==> flow/design.v <==
module sync_mul_unit_n #(
    parameter integer DATA_W = 7
) (
    input wire core_clk,
    input wire adv,
    input wire [DATA_W-1:0] lhs,
    input wire [DATA_W-1:0] rhs,
    output wire [2*DATA_W-1:0] q
);
    reg [DATA_W-1:0] lhs_d1;
    always @(posedge core_clk) begin
        if (adv) begin
            lhs_d1 <= lhs;
        end
    end
    reg [DATA_W-1:0] rhs_d1;
    always @(posedge core_clk) begin
        if (adv) begin
            rhs_d1 <= rhs;
        end
    end
    assign q = lhs_d1 * rhs_d1;
endmodule
* Tool chain data of sync_mul_unit_n
What the tools print for sync_mul_unit_n, step after step.
Lines are those of the file above, counted from 1.
Not given: n/a
- Top :: sync_mul_unit_n
- Clock :: core_clk
- Library :: sky130hd
- Library corner :: tt_025C_1v80

* After elaboration
Counts by Yosys on the flattened word-level netlist (proc, flatten, opt, wreduce; memories kept). Register bits leave out memories and registers merged into their read ports (data or address); mux counts leave out enables and synchronous resets folded into registers. Print and check cells are left out. Cells with the same type and inputs are merged into one.
- Register bits after elaboration :: 14
- Input port bits :: 16
- Output and inout bits :: 14
- Cells after elaboration :: 3
- Multipliers :: 1
** Operators by type and width (number)
- 7-bit by 7-bit multiplier with 14-bit output :: 1

* Logic depth
Longest topological path by Yosys (ltp), each cell counted once; first at word level (registers and memories cut), then after technology mapping (sequential cells cut; the memories' decode and read muxes count).
- Depth after elaboration :: 1
- ABC_AREA :: 0
- Gate-level depth with buffers :: 15
- Mapped depth without buffers :: 15

* Synthesis result
Yosys stat after the flow's synthesis: flattened, memories mapped to cells. It holds for the ABC_AREA given above (unset counts as 0); a run with the other value may have another netlist.
- Cell count :: 189
- Cell area after synthesis :: 1964.4 µm²
- Sequential area :: 420.4 µm²
- Flip-flops :: 14
- Buffer cells :: 0
** Cell types
- sky130_fd_sc_hd__fa_1 :: number 24, area in all 480.461 µm²
- sky130_fd_sc_hd__edfxtp_1 :: number 14, area in all 420.403 µm²
- sky130_fd_sc_hd__ha_1 :: number 32, area in all 400.384 µm²
- sky130_fd_sc_hd__and2_1 :: number 28, area in all 175.168 µm²
- sky130_fd_sc_hd__inv_1 :: number 24, area in all 90.086 µm²
- sky130_fd_sc_hd__nand2_1 :: number 24, area in all 90.086 µm²
- sky130_fd_sc_hd__xnor2_1 :: number 6, area in all 52.55 µm²
- sky130_fd_sc_hd__xor2_1 :: number 4, area in all 35.034 µm²
- sky130_fd_sc_hd__nor2_1 :: number 7, area in all 26.275 µm²
- sky130_fd_sc_hd__a21o_1 :: number 3, area in all 22.522 µm²
- sky130_fd_sc_hd__o41a_1 :: number 2, area in all 22.522 µm²
- sky130_fd_sc_hd__a21oi_1 :: number 4, area in all 20.019 µm²
- sky130_fd_sc_hd__a41oi_2 :: number 1, area in all 16.266 µm²
- sky130_fd_sc_hd__a211oi_1 :: number 2, area in all 15.014 µm²
- sky130_fd_sc_hd__o21a_1 :: number 2, area in all 15.014 µm²
- sky130_fd_sc_hd__and3_1 :: number 2, area in all 12.512 µm²
- sky130_fd_sc_hd__a221o_1 :: number 1, area in all 10.01 µm²
- sky130_fd_sc_hd__nor3_1 :: number 2, area in all 10.01 µm²
Other cell types: 6; their cells: 7.

* Path before layout
OpenSTA on the mapped netlist: ideal clock, no wires. The path of least setup slack (recovery checks aside). Input and output delay are each 20% of the period. Register names are those of the netlist, which keeps one name where synthesis merged equal registers.
- Path type :: register -> output
- From :: register rhs_d1[6]
- To :: output port q[13]
- Period :: 6.65 ns
- Output delay :: 1.330 ns
- Data arrival time :: 4.258 ns
- Data required time :: 5.320 ns
- Path slack :: 1.062 ns
- Path delay :: 4.258 ns
- Stages on the path :: 15
- Path buffers :: 0
- Period reached after synthesis :: 5.588 ns
"path delay" is the arrival time less input delay plus setup time.
At an output port there is no setup time.
"stages on the path" counts driving pins, that of a launching flip-flop among them; a cell with two outputs on the path counts twice.
"period reached after synthesis" = period - worst setup slack (recovery checks aside). The figure is calculated, with input and output delays left at 20% of the set period.
The rows between start and end are the longest chain of elaborated cells between them; the timing report does not say that the signal goes this way. Where chains are equally long, one stands for them.
A line is the first line of the expression or statement that the cell stems from. Yosys adds cells for indexed reads and writes and turns some case tables into memories.
- Cell sequence :: sky130_fd_sc_hd__edfxtp_1 > sky130_fd_sc_hd__nand2_1 > sky130_fd_sc_hd__fa_1 > sky130_fd_sc_hd__fa_1 > sky130_fd_sc_hd__inv_1 > sky130_fd_sc_hd__fa_1 > sky130_fd_sc_hd__inv_1 > sky130_fd_sc_hd__fa_1 > sky130_fd_sc_hd__inv_1 > sky130_fd_sc_hd__ha_1 > sky130_fd_sc_hd__and3_1 > sky130_fd_sc_hd__a221o_1 > sky130_fd_sc_hd__o32a_1 > sky130_fd_sc_hd__a41oi_2 > sky130_fd_sc_hd__xnor2_1
- Length of the longest elaborated chain :: 1
- Elaborated cells between the ends (all ways) :: 1
- Source lines of those cells :: 1
- Classes of those cells :: 1 x mul
** Ends and longest elaborated chain, post-synthesis
- start: declaration :: line 16 : reg [DATA_W-1:0] rhs_d1;
- start: assignment :: line 19 : rhs_d1 <= rhs;
- 7-bit by 7-bit multiplier with 14-bit output :: line 22 : assign q = lhs_d1 * rhs_d1;
- end: declaration :: line 8 : output wire [2*DATA_W-1:0] q

* Timing after layout
From the final timing report of job 3: the path of least setup slack in the routed layout; clock arrival at registers is part of the times.
- Path type :: register -> output
- From :: register rhs_d1[6]
- To :: output port q[9]
- Period :: 6.65 ns
- Output delay :: 1.33 ns
- Data arrival time :: 4.94 ns
- Data required time :: 5.32 ns
- Path slack :: 0.38 ns
- Stages on the path :: 15
- Path buffers :: 1
The rows between start and end are the longest chain of elaborated cells between them; the timing report does not say that the signal goes this way. Where chains are equally long, one stands for them.
- Cell sequence :: sky130_fd_sc_hd__edfxtp_1 > sky130_fd_sc_hd__nand2_1 > sky130_fd_sc_hd__fa_1 > sky130_fd_sc_hd__fa_1 > sky130_fd_sc_hd__inv_1 > sky130_fd_sc_hd__fa_1 > sky130_fd_sc_hd__inv_1 > sky130_fd_sc_hd__fa_1 > sky130_fd_sc_hd__inv_1 > sky130_fd_sc_hd__ha_1 > sky130_fd_sc_hd__and3_1 > sky130_fd_sc_hd__a221o_1 > sky130_fd_sc_hd__o32a_1 > sky130_fd_sc_hd__xor2_1 > sky130_fd_sc_hd__clkdlybuf4s50_1
- Length of the longest elaborated chain :: 1
- Elaborated cells between the ends (all ways) :: 1
- Source lines of those cells :: 1
- Classes of those cells :: 1 x mul
** Ends and longest elaborated chain, post-layout
- start: declaration :: line 16 : reg [DATA_W-1:0] rhs_d1;
- start: assignment :: line 19 : rhs_d1 <= rhs;
- 7-bit by 7-bit multiplier with 14-bit output :: line 22 : assign q = lhs_d1 * rhs_d1;
- end: declaration :: line 8 : output wire [2*DATA_W-1:0] q

Memo
Re: implementation data of sync_mul_unit_n

sync_mul_unit_n through Yosys and OpenROAD on sky130hd: 3 stored runs, unordered, with their settings and measured results. The constraints put input and output delay at 20% of the set period each and load the outputs with 0.01 pF.
"reached clock period" is the run's clock period less its worst setup slack. It is reckoned from that one timing run; input and output delays stay at 20% of the period that was set.
"time of the worst setup path": the worst setup path's part of the clock period (all of it between registers, 20% less for each end at a port) less its slack. A launch clock that arrives late makes it longer, a capture clock that arrives late makes it shorter.
By "power" is meant OpenSTA's value without simulated activity: inputs other than the clock are taken to toggle once in ten clock periods, and the tool carries that through the logic.

* Job 1
** Files
==> flow/run.sh <==
#!/bin/bash
# the make line also repeats the synthesis and layout settings of config.mk as NAME=value (left out here)
make -C /OpenROAD-flow-scripts/flow DESIGN_CONFIG=/design/flow/config.mk WORK_HOME=/design/flow/orfs CLKGATE_MAP_FILE= finish
==> flow/config.mk <==
export PLATFORM = sky130hd
export DESIGN_NAME = sync_mul_unit_n
export DESIGN_NICKNAME = sync_mul_unit_n
export VERILOG_FILES = /design/flow/design.v
export SDC_FILE = /design/flow/constraint.sdc
export NUM_CORES = 4
export LEC_CHECK = 0
export CAP_MARGIN = 20
export CELL_PAD_IN_SITES_DETAIL_PLACEMENT = 2
export CORE_MARGIN = 5
export CORE_UTILIZATION = 60
export CTS_CLUSTER_DIAMETER = 110
export GPL_TIMING_DRIVEN = 0
export HOLD_SLACK_MARGIN = -0.03
export PLACE_DENSITY_LB_ADDON = 0.16
export SETUP_SLACK_MARGIN = 0.97
export SLEW_MARGIN = 20
export TNS_END_PERCENT = 75
==> flow/constraint.sdc <==
create_clock -name core_clock -period 4.0 [get_ports {core_clk}]
set_input_delay 0.8000 -clock core_clock [delete_from_list [all_inputs] [get_ports {core_clk}]]
set_output_delay 0.8000 -clock core_clock [all_outputs]
set_load 0.01 [all_outputs]
** Results
Unfinished; error DPL-0033 in placement.

* Job 2
** Files
==> flow/run.sh <==
#!/bin/bash
# the make line also repeats the synthesis and layout settings of config.mk as NAME=value (left out here)
make -C /OpenROAD-flow-scripts/flow DESIGN_CONFIG=/design/flow/config.mk WORK_HOME=/design/flow/orfs CLKGATE_MAP_FILE= finish
==> flow/config.mk <==
export PLATFORM = sky130hd
export DESIGN_NAME = sync_mul_unit_n
export DESIGN_NICKNAME = sync_mul_unit_n
export VERILOG_FILES = /design/flow/design.v
export SDC_FILE = /design/flow/constraint.sdc
export NUM_CORES = 4
export LEC_CHECK = 0
export ABC_AREA = 0
export CAP_MARGIN = 20
export CELL_PAD_IN_SITES_DETAIL_PLACEMENT = 1
export CORE_MARGIN = 3
export CORE_UTILIZATION = 58
export CTS_CLUSTER_DIAMETER = 231
export MAX_ROUTING_LAYER = met4
export PLACE_DENSITY_LB_ADDON = 0.28
export SLEW_MARGIN = 40
==> flow/constraint.sdc <==
create_clock -name core_clock -period 4.55 [get_ports {core_clk}]
set_input_delay 0.9100 -clock core_clock [delete_from_list [all_inputs] [get_ports {core_clk}]]
set_output_delay 0.9100 -clock core_clock [all_outputs]
set_load 0.01 [all_outputs]
** Results
Unfinished; error DPL-0033 in placement.

* Job 3
** Files
==> flow/run.sh <==
#!/bin/bash
# the make line also repeats the synthesis and layout settings of config.mk as NAME=value (left out here)
make -C /OpenROAD-flow-scripts/flow DESIGN_CONFIG=/design/flow/config.mk WORK_HOME=/design/flow/orfs CLKGATE_MAP_FILE= finish
==> flow/config.mk <==
export PLATFORM = sky130hd
export DESIGN_NAME = sync_mul_unit_n
export DESIGN_NICKNAME = sync_mul_unit_n
export VERILOG_FILES = /design/flow/design.v
export SDC_FILE = /design/flow/constraint.sdc
export NUM_CORES = 4
export LEC_CHECK = 0
export CAP_MARGIN = 20
export CORE_MARGIN = 2
export CORE_UTILIZATION = 40
export SLEW_MARGIN = 20
==> flow/constraint.sdc <==
create_clock -name core_clock -period 6.65 [get_ports {core_clk}]
set_input_delay 1.3300 -clock core_clock [delete_from_list [all_inputs] [get_ports {core_clk}]]
set_output_delay 1.3300 -clock core_clock [all_outputs]
set_load 0.01 [all_outputs]
** Results
- Utilization in the final report :: 0.52
- Die footprint :: 5487.9 µm²
- Reached clock period :: 6.273 ns
- Standard-cell area after routing :: 2456.1 µm²
- Time of the worst setup path :: 4.94 ns
- Kind of the worst setup path :: register -> output
- Summed negative setup slack :: 0.000 ns
- Power :: 0.8391 mW
- Lowest hold slack :: 1.644 ns
- Setup slack of the worst path :: 0.377 ns
- Area of the synthesized netlist :: 1964.4 µm²
